==> flow/design.v <==
module sync_ram_block_stage #(
  parameter int ENTRIES = 48,
  parameter int XLEN = 2,
  parameter int AW = $clog2(ENTRIES)
) (
  input  logic i_clk,
  input  logic rst_i,
  input  logic write_i,
  input  logic [AW-1:0] wa_i,
  input  logic [XLEN-1:0] write_data_i,
  input  logic [AW-1:0] raddr_a_i,
  input  logic [AW-1:0] raddr_b_i,
  output logic [XLEN-1:0] rd_data_a_o,
  output logic [XLEN-1:0] rd_data_b_o
);
  logic write_s;
  logic [AW-1:0] wa_s;
  logic [XLEN-1:0] write_data_s;
  always_ff @(posedge i_clk or posedge rst_i) begin
    if (rst_i) begin
      write_s <= 1'b0;
      wa_s <= 0;
      write_data_s <= 0;
    end else begin
      write_s <= write_i;
      wa_s <= wa_i;
      write_data_s <= write_data_i;
    end
  end
  logic [XLEN-1:0] array [0:ENTRIES-1];
  always_ff @(posedge i_clk) begin
    if (write_s)
      array[wa_s] <= write_data_s;
  end
  logic [AW-1:0] raddr_a_s;
  logic [AW-1:0] raddr_b_s;
  logic [XLEN-1:0] rd_data_a_s;
  always_ff @(posedge i_clk or posedge rst_i) begin
    if (rst_i) begin
      raddr_a_s <= 0;
      raddr_b_s <= 0;
      rd_data_a_s <= 0;
    end else begin
      raddr_a_s <= raddr_a_i;
      raddr_b_s <= raddr_b_i;
      rd_data_a_s <= array[raddr_a_s];
    end
  end
  assign rd_data_a_o = rd_data_a_s;
  logic [XLEN-1:0] rd_data_b_s;
  always_ff @(posedge i_clk or posedge rst_i) begin
    if (rst_i) begin
      rd_data_b_s <= 0;
    end else begin
      rd_data_b_s <= array[raddr_b_s];
    end
  end
  assign rd_data_b_o = rd_data_b_s;
endmodule
# Tool chain data of sync_ram_block_stage
# The steps from the RTL of sync_ram_block_stage to its reports follow in flow order.
# Lines are those of the file above, counted from 1.
# Operators: Yosys type, input widths -> output width; for muxes data width and select width s.
# Cell names lack the library's common part.
# A cell with n/a has no value.
# design
design,sync_ram_block_stage
clk_port,i_clk
lib,sky130hd
pvt_corner,tt_025C_1v80

# Elaborated design
# Counts by Yosys on the flattened word-level netlist (proc, flatten, opt, wreduce; memories kept). Register bits leave out memories and registers merged into their read ports (data or address); mux counts leave out enables and synchronous resets folded into registers. Print and check cells are left out. Cells with the same type and inputs are merged into one.
# Yosys's memory passes give these memory sizes; they may raise the number of words (mostly to a power of two), join words into wider ones and drop unused or constant bits.
# classes
n_mux,3
# op_table
op,count
$mux 6,1
$mux 2,1
$mux 1,1
# word_totals
reg_bits,21
ramBits,96
clocked_rd_ports_x_width,4
mem_count,1
in_bits,23
out_inout_bits,4
elab_cells,9
# memory_table
name,size,width,rd,write_ports,line_no,text
array,48,2,2,1,30,logic [XLEN-1:0] array [0:ENTRIES-1];

# Logic depth
# Yosys ltp: most cells in a row. Word level: on the elaborated netlist, between registers, memories and ports. Mapped: between sequential cells and ports; inverters and the memories' decode and read muxes count.
# depth
ltp_word,1
abc_area,0
depth_mapped,7
depth_no_buf,4

# Netlist
# The flow's flattened synthesis, as Yosys stat reports it; memories are mapped. The netlist is that of the ABC_AREA named above (0 if unset); the other value can give another one.
# The area totals of this step are shown rounded.
# by_type
cell,count,type_area_um2
edfxtp_1,96,2.88E+03
mux4_2,42,945.907
dfrtp_1,25,625.6
mux4_1,12,315.302
nor2_1,50,187.68
mux2i_1,6,60.058
nor2b_1,9,56.304
clkbuf_1,12,45.043
mux2_2,4,45.043
nand3_1,8,40.038
a22oi_1,4,30.029
buf_6,2,22.522
buf_12,1,20.019
buf_2,4,20.019
nand2b_1,3,18.768
a311oi_1,2,17.517
or3b_2,2,17.517
a211oi_1,2,15.014
# Other cell types: 10; their cells: 18.
# synth_totals
cell_count,302
synth_area_um2,5500
sequential_area_um2,3500
flip_flops,121
buffers,20

# Worst setup path after synthesis
# OpenSTA on the mapped netlist: ideal clock, no wires. The path of least setup slack (recovery checks aside). Input and output delay are each 20% of the period. Register names are those of the netlist, which keeps one name where synthesis merged equal registers.
# synth_path
path_kind,register to register
startpoint,reg raddr_a_s[1]
endpoint,reg rd_data_a_s[0]
period_ns,2.75
setup_ns,0.138
launch_ns,0.000
arrival_time_ns,2.063
required_ns,2.612
slack_ns,0.549
delay_ns,2.201
stages,6
n_path_buf,2
period_less_setup_slack_ns,2.201
# "delay_ns" = arrival - input delay + setup time.
# "stages" counts driving pins, that of a launching flip-flop among them; a cell with two outputs on the path counts twice.
# "period_less_setup_slack_ns" = period - worst setup slack (recovery checks aside). The figure is calculated, with input and output delays left at 20% of the set period.
# synth_between
path_cell_list,dfrtp_1 > clkbuf_1 > clkbuf_1 > mux4_2 > mux4_2 > mux4_2
# synth_rtl
item,line_no,text
"start, declared",35,logic [AW-1:0] raddr_a_s;
"start, assigned",40,raddr_a_s <= 0;
"start, assigned",44,raddr_a_s <= raddr_a_i;
"end, declared",37,logic [XLEN-1:0] rd_data_a_s;
# Chain of elaborated cells between the ends: none given.

# Worst path after layout
# From the final timing report of flow run A: the path of least setup slack in the routed layout; clock arrival at registers is part of the times.
# layout_path
path_kind,register to register
startpoint,reg raddr_a_s[1]
endpoint,reg rd_data_a_s[0]
period_ns,2.83
setup_ns,0.13
launch_ns,0.42
arrival_time_ns,2.92
required_ns,3.11
slack_ns,0.20
stages,7
n_path_buf,2
# layout_between
path_cell_list,dfrtp_1 > clkbuf_1 > clkbuf_1 > mux4_1 > mux2i_1 > mux2i_1 > mux4_2
# layout_rtl
item,line_no,text
"start, declared",35,logic [AW-1:0] raddr_a_s;
"start, assigned",40,raddr_a_s <= 0;
"start, assigned",44,raddr_a_s <= raddr_a_i;
"end, declared",37,logic [XLEN-1:0] rd_data_a_s;
# Chain of elaborated cells between the ends: none given.

# Module sync_ram_block_stage, platform sky130hd: 3 stored runs of the flow (Yosys, OpenROAD) with differing settings, in no particular order. Input and output delays are each 20% of the period that was set; the output load is 0.01 pF.
# "worst_setup_path_time_ns": the worst setup path's part of the clock period (all of it between registers, 20% less for each end at a port) less its slack. A launch clock that arrives late makes it longer, a capture clock that arrives late makes it shorter.
# Values from the reports are rounded here.
# Settings: n/a = not set for that run.
run,period_ns,CORE_UTILIZATION,CORE_ASPECT_RATIO,TNS_END_PERCENT,ABC_AREA,GPL_TIMING_DRIVEN,GPL_ROUTABILITY_DRIVEN,CTS_CLUSTER_DIAMETER,CAP_MARGIN,MAX_ROUTING_LAYER,CORE_MARGIN,SLEW_MARGIN,SETUP_SLACK_MARGIN,PLACE_DENSITY_LB_ADDON,CTS_CLUSTER_SIZE,MIN_ROUTING_LAYER,worst_setup_path_time_ns,critical_path_type,fin_ws_ns,timing.setup.tns_ns,design.die.area_um2,finish.utilization_frac,synthesis_area_um2
flow run A,2.83,40,0.93,35,0,0,1,170,30,met5,2,20,n/a,n/a,n/a,n/a,2.63,register to register,0.20,0.000,15000,0.49,5500
flow run B,2.26,29,n/a,n/a,n/a,n/a,n/a,n/a,40,n/a,2,20,-0.0,0.29,68,met2,2.26,register to register,-0.003,-0.003,20000,0.36,5500
flow run C,2.75,40,n/a,n/a,n/a,n/a,n/a,n/a,20,n/a,2,20,n/a,n/a,n/a,n/a,2.29,register to register,0.46,0.000,15000,0.49,5500
